==> flow/design.v <==
module gen_mul #(
    parameter integer NBITS = 16
) (
    input wire core_clk,
    input wire RSTN,
    input wire [NBITS-1:0] rs1,
    input wire [NBITS-1:0] rs2,
    output wire [2*NBITS-1:0] result
);
    reg [NBITS-1:0] rs1_reg;
    reg [NBITS-1:0] rs2_reg;
    always @(posedge core_clk) begin
        if (~RSTN) begin
            rs1_reg <= 0;
            rs2_reg <= 0;
        end else begin
            rs1_reg <= rs1;
            rs2_reg <= rs2;
        end
    end
    localparam HALF = NBITS / 2;
    wire [NBITS-1:0] ll;
    mul_part #(.N(HALF)) unit (.a(rs1_reg[HALF-1:0]), .b(rs2_reg[HALF-1:0]), .p(ll));
    wire [NBITS-1:0] lh;
    mul_part #(.N(HALF)) u0 (.a(rs1_reg[HALF-1:0]), .b(rs2_reg[NBITS-1:HALF]), .p(lh));
    wire [NBITS-1:0] hl;
    mul_part #(.N(HALF)) u (.a(rs1_reg[NBITS-1:HALF]), .b(rs2_reg[HALF-1:0]), .p(hl));
    wire [NBITS-1:0] hh;
    mul_part #(.N(HALF)) inst (.a(rs1_reg[NBITS-1:HALF]), .b(rs2_reg[NBITS-1:HALF]), .p(hh));
    wire [NBITS:0] part;
    assign part = lh + hl;
    assign result = {hh, ll} + {part, {HALF{1'b0}}};
endmodule
module mul_part #(parameter N = 4) (
    input wire [N-1:0] a,
    input wire [N-1:0] b,
    output wire [2*N-1:0] p
);
    assign p = a * b;
endmodule
Reports on gen_mul
What the tools print for gen_mul, step after step.
Line numbers count from 1 in the design file above.
Operators: Yosys type, input widths -> output width; for muxes data width and select width s.
Cell names lack the library's common part.
The mark n/a stands for no value.

inputs
  top = gen_mul
  clock port = core_clk
  standard-cell library = sky130hd
  timing corner = tt_025C_1v80

Elaborated design
Counts by Yosys on the flattened word-level netlist (proc, flatten, opt, wreduce; memories kept). Register bits leave out memories and registers merged into their read ports (data or address); mux counts leave out enables and synchronous resets folded into registers. Print and check cells are left out. Cells with the same type and inputs are merged into one.

bit counts
  bits in read-only memories = 0
  RAM bits = 0
  word width x clocked read ports = 0
  input bits = 34
  memories = 0
  cells after elaboration = 8
  register bits = 32
  bits in latches = 0
  output and inout bits = 32

cells by class
  multipliers = 4
  div/mod/pow operators = 0
  $add $sub $neg = 2
  bitwise logic cells = 0
  order comparisons = 0
  muxes and demuxes = 0
  shift-type cells = 0
  equal/unequal tests = 0
  reductions and logical operators = 0

operators with widths
  cell            count
  $mul 8x8->16    4
  $add 32x25->32  1
  $add 16x16->17  1

Longest topological paths
Depth = most cells in a row (Yosys ltp): at word level without a register or memory, in the mapped netlist without a sequential cell, where the memories' decode and read muxes count.

depth
  word-level depth = 3
  ABC_AREA = 0
  gate-level depth with buffers = 29
  depth with buffers taken out = 28

Synthesis result
The flow's flattened synthesis, as Yosys stat reports it; memories are mapped. The netlist is that of the ABC_AREA named above (0 if unset); the other value can give another one.
Totals and module areas in this step are rounded.

mapped netlist
  mapped flip-flops = 32
  mapped cells = 1,218
  sequential part of the area = 640 sq um
  chip area (Yosys) = 10,000 sq um
  buffer cells = 37

cell types
  cell      count  total area (sq um)
  fa_1      170    3.4E+03
  ha_1      154    1.93E+03
  and2_1    183    1.14E+03
  inv_1     258    968.429
  dfxtp_1   32     640.614
  nand2_1   127    476.707
  xnor2_1   40     350.336
  a21oi_1   29     145.139
  clkbuf_1  36     135.13
  nor2_1    35     131.376
  xor2_1    12     105.101
  o21ai_0   19     95.091
  o21a_1    11     82.579
  nor3_1    16     80.077
  a21o_1    8      60.058
  nor2b_1   7      43.792
  a211oi_1  5      37.536
  nand2b_1  6      37.536

Not listed: further types 39, cells in them 70.
By module: a second synthesis without flattening, with its own total; a netlist apart from the flattened one above.

unflattened totals
  cell total of the unflattened synthesis = 1,291
  area total of the unflattened synthesis = 11,000 sq um

Each row is one instance without its submodules.

modules
  module          cells  sequential area (sq um)  times used  area (sq um)
  mul_part (N=8)  243    0.0                      4           2,100
  gen_mul         319    640                      1           2,700

Timing after synthesis
OpenSTA on the mapped netlist: ideal clock, no wires. The path of least setup slack (recovery checks aside). Input and output delay are each 20% of the period. Register names are those of the netlist, which keeps one name where synthesis merged equal registers.

path after synthesis
  path kind = register to output
  start = register rs1_reg[5]
  end = output port result[31]
  data required time = 8,720 ps
  period = 10,900 ps
  data arrival time = 6,947 ps
  setup slack = 1,773 ps
  path buffers = 1
  output delay = 2,180 ps
  launch time at the first pin = 0 ps
  delay of the path = 6,947 ps
  stages on the path = 26
  synthesis period reached = 9,127 ps

"delay of the path" is the arrival time less input delay plus setup time.
At an output port there is no setup time.
"stages on the path" counts driving pins, that of a launching flip-flop among them; a cell with two outputs on the path counts twice.
"synthesis period reached" is the clock period less the worst setup slack; recovery checks do not enter. This is arithmetic on one report: input and output delays are still those of the set period (20% each).
Between the ends stands the longest chain of elaborated cells between them, by number of cells; it is not shown to be the way that was timed. Of several equally long chains one is given.
A line is the first line of the expression or statement that the cell stems from. Yosys adds cells for indexed reads and writes and turns some case tables into memories.

between the ends, after synthesis
  cells stage by stage = dfxtp_1 clkbuf_1 nand2_1 fa_1 fa_1 fa_1 inv_1 fa_1 fa_1 inv_1 fa_1 inv_1 ha_1 a21boi_1 o41ai_1 o211ai_1 nor2_1 xnor2_1 ha_1 a2111oi_0 o21a_1 a31o_1 o31ai_4 and2b_2 and4bb_1 xnor2_1
  length of the longest elaborated chain = 3
  elaborated cells on any way between the ends = 4
  source lines of those cells = 3
  classes of those cells = add/sub: 2; mul: 2

RTL lines, path after synthesis
  item                RTL line  text
  start: declaration  10        reg [NBITS-1:0] rs1_reg;
  start: assignment   14        rs1_reg <= 0;
  start: assignment   17        rs1_reg <= rs1;
  $mul 8x8->16        39        assign p = a * b;
  $add 16x16->17      31        assign part = lh + hl;
  $add 32x25->32      32        assign result = {hh, ll} + {part, {HALF{1'b0}}};
  end: declaration    8         output wire [2*NBITS-1:0] result

Worst path after layout
Path of least setup slack in the final report of flow run 1 (OpenROAD, finished layout, wires in). Where an end is a register, its clock arrival counts in the times.
The report prints the path's times to 10 ps; the period is as set.

path after layout
  path kind = register to output
  start = register rs2_reg[10]
  end = output port result[28]
  output delay = 2,180 ps
  setup slack = 440 ps
  path buffers = 1
  period = 10,900 ps
  data arrival time = 8,280 ps
  stages on the path = 27
  launch time at the first pin = 290 ps
  data required time = 8,720 ps

Between the ends stands the longest chain of elaborated cells between them, by number of cells; it is not shown to be the way that was timed. Of several equally long chains one is given.

between the ends, after layout
  cells stage by stage = dfxtp_1 nand2_1 fa_1 fa_1 fa_1 inv_1 fa_1 fa_1 inv_1 fa_1 inv_1 ha_1 a21boi_1 o41ai_1 nor2b_1 nor3_1 nor2_1 ha_1 a21o_1 a21o_1 or3_1 o31ai_1 a21oi_1 a311oi_1 o221ai_1 xor2_1 clkdlybuf4s50_1
  length of the longest elaborated chain = 3
  elaborated cells on any way between the ends = 4
  source lines of those cells = 3
  classes of those cells = add/sub: 2; mul: 2

RTL lines, path after layout
  item                RTL line  text
  start: declaration  11        reg [NBITS-1:0] rs2_reg;
  start: assignment   15        rs2_reg <= 0;
  start: assignment   18        rs2_reg <= rs2;
  $mul 8x8->16        39        assign p = a * b;
  $add 16x16->17      31        assign part = lh + hl;
  $add 32x25->32      32        assign result = {hh, ll} + {part, {HALF{1'b0}}};
  end: declaration    8         output wire [2*NBITS-1:0] result

Subject: flow runs of gen_mul

Hi,

Stored flow runs of gen_mul (3 of them; Yosys, OpenROAD, sky130hd). They differ in their settings and are not a sequence. Constraints: input delay and output delay 20% of the set period each, output load 0.01 pF.
"period reached" means the clock period less the worst setup slack. The figure is calculated, with input and output delays left at 20% of the set period.
"worst path time" is the time allowed to the run's worst setup path (the clock period less input and output delay, where it has them) less its slack. Clock arrival times count: a late capture clock shortens it, a late launch clock lengthens it.
"power consumption" rests on the timing tool's default activity at the inputs, not on a simulated workload.
"worst path time" is given in steps of 10 ps.
Values from the reports are rounded here.
Among the settings, - means not set for that run.
A result given as - is not shown for that run.

item                                            flow run 1          flow run 2  flow run 3
period_ns                                       10.9                15.0        6.73
CAP_MARGIN                                      20                  15          15
CORE_MARGIN                                     2                   4           2
CORE_UTILIZATION                                40                  61          52
SLEW_MARGIN                                     20                  20          20
PLACE_DENSITY                                   -                   0.64        -
CELL_PAD_IN_SITES_GLOBAL_PLACEMENT              -                   3           -
CELL_PAD_IN_SITES_DETAIL_PLACEMENT              -                   2           -
CTS_CLUSTER_SIZE                                -                   17          94
ABC_AREA                                        -                   -           0
GPL_TIMING_DRIVEN                               -                   -           0
full die area (sq um)                           27,000              -           21,000
final setup TNS (ps)                            0                   -           -28,000
standard-cell area of the final layout (sq um)  12,000              -           14,000
mapped cell area after synthesis (sq um)        10,000              -           10,000
worst path time (ps)                            8,280               -           7,400
worst setup path kind                           register to output  -           register to output
setup slack of the worst path (ps)              440                 -           -2,000
period reached (ps)                             10,461              -           8,749
smallest hold slack (ps)                        2,400               -           1,600
power consumption (mW)                          1.0                 -           2.2
final design utilization (%)                    45                  -           70

Flow run 2: no final report: placement broke off with GPL-0301

Regards
